==> flow/design.v <==
module gen_comparator #(
    parameter XLEN = 40,
    parameter LANES = 3
) (
    input  wire CLK,
    input  wire rst_n,
    input  wire enable,
    input  wire [LANES*XLEN-1:0] d,
    output wire [XLEN-1:0] hi
);
    reg [LANES*XLEN-1:0] d_ff;
    always @(posedge CLK or negedge rst_n) begin
        if (!rst_n) begin
            d_ff <= 0;
        end else if (enable) begin
            d_ff <= d;
        end
    end
    reg [XLEN-1:0] cur;
    integer k;
    always @* begin
        cur = d_ff[XLEN-1:0];
        for (k = 1; k < LANES; k = k + 1)
            if (d_ff[k*XLEN +: XLEN] > cur) cur = d_ff[k*XLEN +: XLEN];
    end
    reg [XLEN-1:0] hi_ff;
    always @(posedge CLK or negedge rst_n) begin
        if (!rst_n) begin
            hi_ff <= 0;
        end else if (enable) begin
            hi_ff <= cur;
        end
    end
    assign hi = hi_ff;
endmodule
From RTL to reports: gen_comparator
Tool output for the design above, in the order of the flow.
Lines are those of the file above, counted from 1.
Operators: Yosys type, input widths -> output width; for muxes data width and select width s.
{ "setup": {"top_module": "gen_comparator", "clk_port": "CLK", "lib": "sky130hd", "lib_corner": "tt_025C_1v80"} }

After elaboration
Source: Yosys, flattened and elaborated, memories not mapped. Widths are those after wreduce; folded enables and synchronous resets count as part of the registers. Registers that Yosys merges into a memory's read port (data or address) are not register bits. Print and check cells do not count. Equal cells are merged and count once.
{ "bits": {"regBits": 160, "inputBits": 123, "out_inout_bits": 40, "wordCells": 6} }
{ "op_classes": {"compare": 2, "muxes": 2} }
{ "op_table": {"columns": ["op", "n"], "rows": [
  ["$gt 40x40->1", 2],
  ["$mux 40", 2]
]} }

Logic depth
Longest topological path by Yosys (ltp), each cell counted once; first at word level (registers and memories cut), then after technology mapping (sequential cells cut; the memories' decode and read muxes count).
{ "logic_depth": {"depth_word": 4, "abc_area": 0, "depth_mapped": 23, "depth_no_buf": 18} }

Synthesis result
Yosys stat after the flow's synthesis: flattened, memories mapped to cells. It holds for the ABC_AREA given above (unset counts as 0); a run with the other value may have another netlist.
{ "types": {"columns": ["cell_type", "n", "type_area_um2"], "rows": [
  ["sky130_fd_sc_hd__dfrtp_1", 160, 4003.84],
  ["sky130_fd_sc_hd__ha_1", 80, 1000.96],
  ["sky130_fd_sc_hd__mux2_2", 79, 889.603],
  ["sky130_fd_sc_hd__nand2_1", 138, 517.997],
  ["sky130_fd_sc_hd__o21ai_0", 90, 450.432],
  ["sky130_fd_sc_hd__mux2i_1", 39, 390.374],
  ["sky130_fd_sc_hd__a211oi_1", 42, 315.302],
  ["sky130_fd_sc_hd__inv_1", 83, 311.549],
  ["sky130_fd_sc_hd__o22ai_1", 40, 250.24],
  ["sky130_fd_sc_hd__a2111oi_0", 26, 227.718],
  ["sky130_fd_sc_hd__nor3_1", 42, 210.202],
  ["sky130_fd_sc_hd__a21oi_1", 33, 165.158],
  ["sky130_fd_sc_hd__clkbuf_1", 43, 161.405],
  ["sky130_fd_sc_hd__a2111oi_2", 10, 150.144],
  ["sky130_fd_sc_hd__nand4_1", 16, 100.096],
  ["sky130_fd_sc_hd__buf_2", 11, 55.053],
  ["sky130_fd_sc_hd__nand3_1", 11, 55.053],
  ["sky130_fd_sc_hd__a21o_1", 7, 52.55]
]} }
Other cell types: 27; their cells: 54.
{ "synth_totals": {"mapped_cells": 1004, "synth_area_um2": 9723.1, "sequential_area_um2": 4003.8, "flip_flops": 160, "buf_cells": 64} }

Worst setup path after synthesis
OpenSTA on the mapped netlist: ideal clock, no wires. The path of least setup slack (recovery checks aside). Input and output delay are each 20% of the period. Register names are those of the netlist, which keeps one name where synthesis merged equal registers.
{ "synth_timing": {"path_kind": "register to register", "start": "register d_ff[79]", "end": "register hi_ff[29]", "tclk_ns": 5.51, "setup_time_ns": 0.082, "t_first_pin_ns": 0.000, "t_arrival_ns": 4.323, "t_required_ns": 5.428, "slack_ns": 1.104, "path_delay_ns": 4.405, "path_stages": 21, "n_path_buf": 4, "synth_period_reached_ns": 4.406} }
"path_delay_ns" = arrival - input delay + setup time.
"path_stages" counts driving pins, that of a launching flip-flop among them; a cell with two outputs on the path counts twice.
"synth_period_reached_ns" = period - worst setup slack (recovery checks aside). The figure is calculated, with input and output delays left at 20% of the set period.
The rows between start and end are the longest chain of elaborated cells between them; the timing report does not say that the signal goes this way. Where chains are equally long, one stands for them.
Each line given opens the expression or statement behind the cell; cells for indexed reads and writes are added by Yosys, which also makes memories of some case tables.
{ "synth_between": {"cell_sequence": "sky130_fd_sc_hd__dfrtp_1 > sky130_fd_sc_hd__ha_1 > sky130_fd_sc_hd__nand4_1 > sky130_fd_sc_hd__nor4_2 > sky130_fd_sc_hd__nand3_1 > sky130_fd_sc_hd__a21oi_1 > sky130_fd_sc_hd__a211o_1 > sky130_fd_sc_hd__clkbuf_1 > sky130_fd_sc_hd__buf_2 > sky130_fd_sc_hd__a211oi_1 > sky130_fd_sc_hd__ha_1 > sky130_fd_sc_hd__nand4_1 > sky130_fd_sc_hd__nor4_1 > sky130_fd_sc_hd__nor2b_1 > sky130_fd_sc_hd__a22oi_1 > sky130_fd_sc_hd__o211a_1 > sky130_fd_sc_hd__nor2_1 > sky130_fd_sc_hd__buf_2 > sky130_fd_sc_hd__clkbuf_2 > sky130_fd_sc_hd__a2111oi_0 > sky130_fd_sc_hd__o22ai_1", "elab_chain_cells": 4, "cells_between": 4, "lines_between": 1, "cone_classes": "compare: 2; mux: 2"} }
{ "synth_lines": {"columns": ["item", "line_no", "rtl"], "rows": [
  ["from (decl)", 11, "reg [LANES*XLEN-1:0] d_ff;"],
  ["from (assign)", 14, "d_ff <= 0;"],
  ["from (assign)", 16, "d_ff <= d;"],
  ["$gt 40x40->1", 24, "if (d_ff[k*XLEN +: XLEN] > cur) cur = d_ff[k*XLEN +: XLEN];"],
  ["$mux 40", 24, null],
  ["$gt 40x40->1", 24, null],
  ["$mux 40", 24, null],
  ["to (assign)", 29, "hi_ff <= 0;"],
  ["to (assign)", 31, "hi_ff <= cur;"],
  ["to (decl)", 26, "reg [XLEN-1:0] hi_ff;"]
]} }

Path in the finished layout
Path of least setup slack in the final report of run 2 (OpenROAD, finished layout, wires in). Where an end is a register, its clock arrival counts in the times.
{ "layout_timing": {"path_kind": "register to register", "start": "register d_ff[71]", "end": "register hi_ff[32]", "tclk_ns": 6.05, "setup_time_ns": 0.14, "t_first_pin_ns": 0.45, "t_arrival_ns": 6.01, "t_required_ns": 6.36, "slack_ns": 0.35, "path_stages": 21, "n_path_buf": 4} }
The rows between start and end are the longest chain of elaborated cells between them; the timing report does not say that the signal goes this way. Where chains are equally long, one stands for them.
{ "layout_between": {"cell_sequence": "sky130_fd_sc_hd__dfrtp_1 > sky130_fd_sc_hd__ha_1 > sky130_fd_sc_hd__nand4_1 > sky130_fd_sc_hd__nor4_4 > sky130_fd_sc_hd__nand3_1 > sky130_fd_sc_hd__a21oi_1 > sky130_fd_sc_hd__a211o_1 > sky130_fd_sc_hd__clkbuf_4 > sky130_fd_sc_hd__clkbuf_4 > sky130_fd_sc_hd__a211oi_1 > sky130_fd_sc_hd__ha_1 > sky130_fd_sc_hd__a21oi_1 > sky130_fd_sc_hd__o21ai_0 > sky130_fd_sc_hd__a221o_1 > sky130_fd_sc_hd__a22oi_1 > sky130_fd_sc_hd__o211a_1 > sky130_fd_sc_hd__nor2_1 > sky130_fd_sc_hd__clkbuf_4 > sky130_fd_sc_hd__clkbuf_2 > sky130_fd_sc_hd__a2111oi_1 > sky130_fd_sc_hd__o22ai_1", "elab_chain_cells": 4, "cells_between": 4, "lines_between": 1, "cone_classes": "compare: 2; mux: 2"} }
{ "layout_lines": {"columns": ["item", "line_no", "rtl"], "rows": [
  ["from (decl)", 11, "reg [LANES*XLEN-1:0] d_ff;"],
  ["from (assign)", 14, "d_ff <= 0;"],
  ["from (assign)", 16, "d_ff <= d;"],
  ["$gt 40x40->1", 24, "if (d_ff[k*XLEN +: XLEN] > cur) cur = d_ff[k*XLEN +: XLEN];"],
  ["$mux 40", 24, null],
  ["$gt 40x40->1", 24, null],
  ["$mux 40", 24, null],
  ["to (assign)", 29, "hi_ff <= 0;"],
  ["to (assign)", 31, "hi_ff <= cur;"],
  ["to (decl)", 26, "reg [XLEN-1:0] hi_ff;"]
]} }

Add stored flow runs of gen_comparator

Design gen_comparator on sky130hd. What follows are 3 stored runs of the flow, each under its own settings; their order means nothing. The constraints put input and output delay at 20% of the set period each and load the outputs with 0.01 pF.
"achieved clock period (ns)" means the clock period less the worst setup slack. The figure is calculated, with input and output delays left at 20% of the set period.
By "worst setup path time (ns)" is meant the share of the clock period that the worst setup path is allowed (20% is reserved at inputs, 20% at outputs), minus its slack. Clock arrival times at its registers enter into it.
By "finish__power__total" is meant OpenSTA's value without simulated activity: inputs other than the clock are taken to toggle once in ten clock periods, and the tool carries that through the logic.

settings of run 1
{
  "period_ns": 3.23,
  "CORE_UTILIZATION": 43,
  "SETUP_SLACK_MARGIN": -0.15,
  "PLACE_DENSITY": 0.52,
  "HOLD_SLACK_MARGIN": 0.29,
  "CORE_MARGIN": 6,
  "CELL_PAD_IN_SITES_DETAIL_PLACEMENT": 1,
  "TNS_END_PERCENT": 60,
  "ABC_AREA": 1,
  "CAP_MARGIN": 40,
  "MIN_ROUTING_LAYER": "met2",
  "SLEW_MARGIN": 20
}
report of run 1: did not finish, route, DPL-0033

settings of run 2
{
  "period_ns": 6.05,
  "CORE_UTILIZATION": 22,
  "PLACE_DENSITY_LB_ADDON": 0.12,
  "HOLD_SLACK_MARGIN": -0.05,
  "CELL_PAD_IN_SITES_DETAIL_PLACEMENT": 0,
  "TNS_END_PERCENT": 10,
  "GPL_TIMING_DRIVEN": 0,
  "GPL_ROUTABILITY_DRIVEN": 1,
  "CAP_MARGIN": 20,
  "CORE_MARGIN": 2,
  "SLEW_MARGIN": 20
}
report of run 2
yosys chip area after synthesis (um^2): 9723.1
finish__design__die__area: 45892.4
finish__design__instance__utilization: 0.2925
finish__timing__setup__ws: 0.351
finish__timing__setup__tns: 0.000
finish__timing__hold__ws: 0.530
finish__power__total: 3.999e-03
achieved clock period (ns): 5.699
worst setup path time (ns): 5.70
worst setup path kind: register to register

settings of run 3
{
  "period_ns": 5.51,
  "CAP_MARGIN": 20,
  "CORE_MARGIN": 2,
  "CORE_UTILIZATION": 40,
  "SLEW_MARGIN": 20
}
report of run 3
yosys chip area after synthesis (um^2): 9723.1
finish__design__die__area: 25571.2
finish__design__instance__utilization: 0.5144
finish__timing__setup__ws: 0.282
finish__timing__setup__tns: 0.000
finish__timing__hold__ws: 0.530
finish__power__total: 4.294e-03
achieved clock period (ns): 5.228
worst setup path time (ns): 5.23
worst setup path kind: register to register
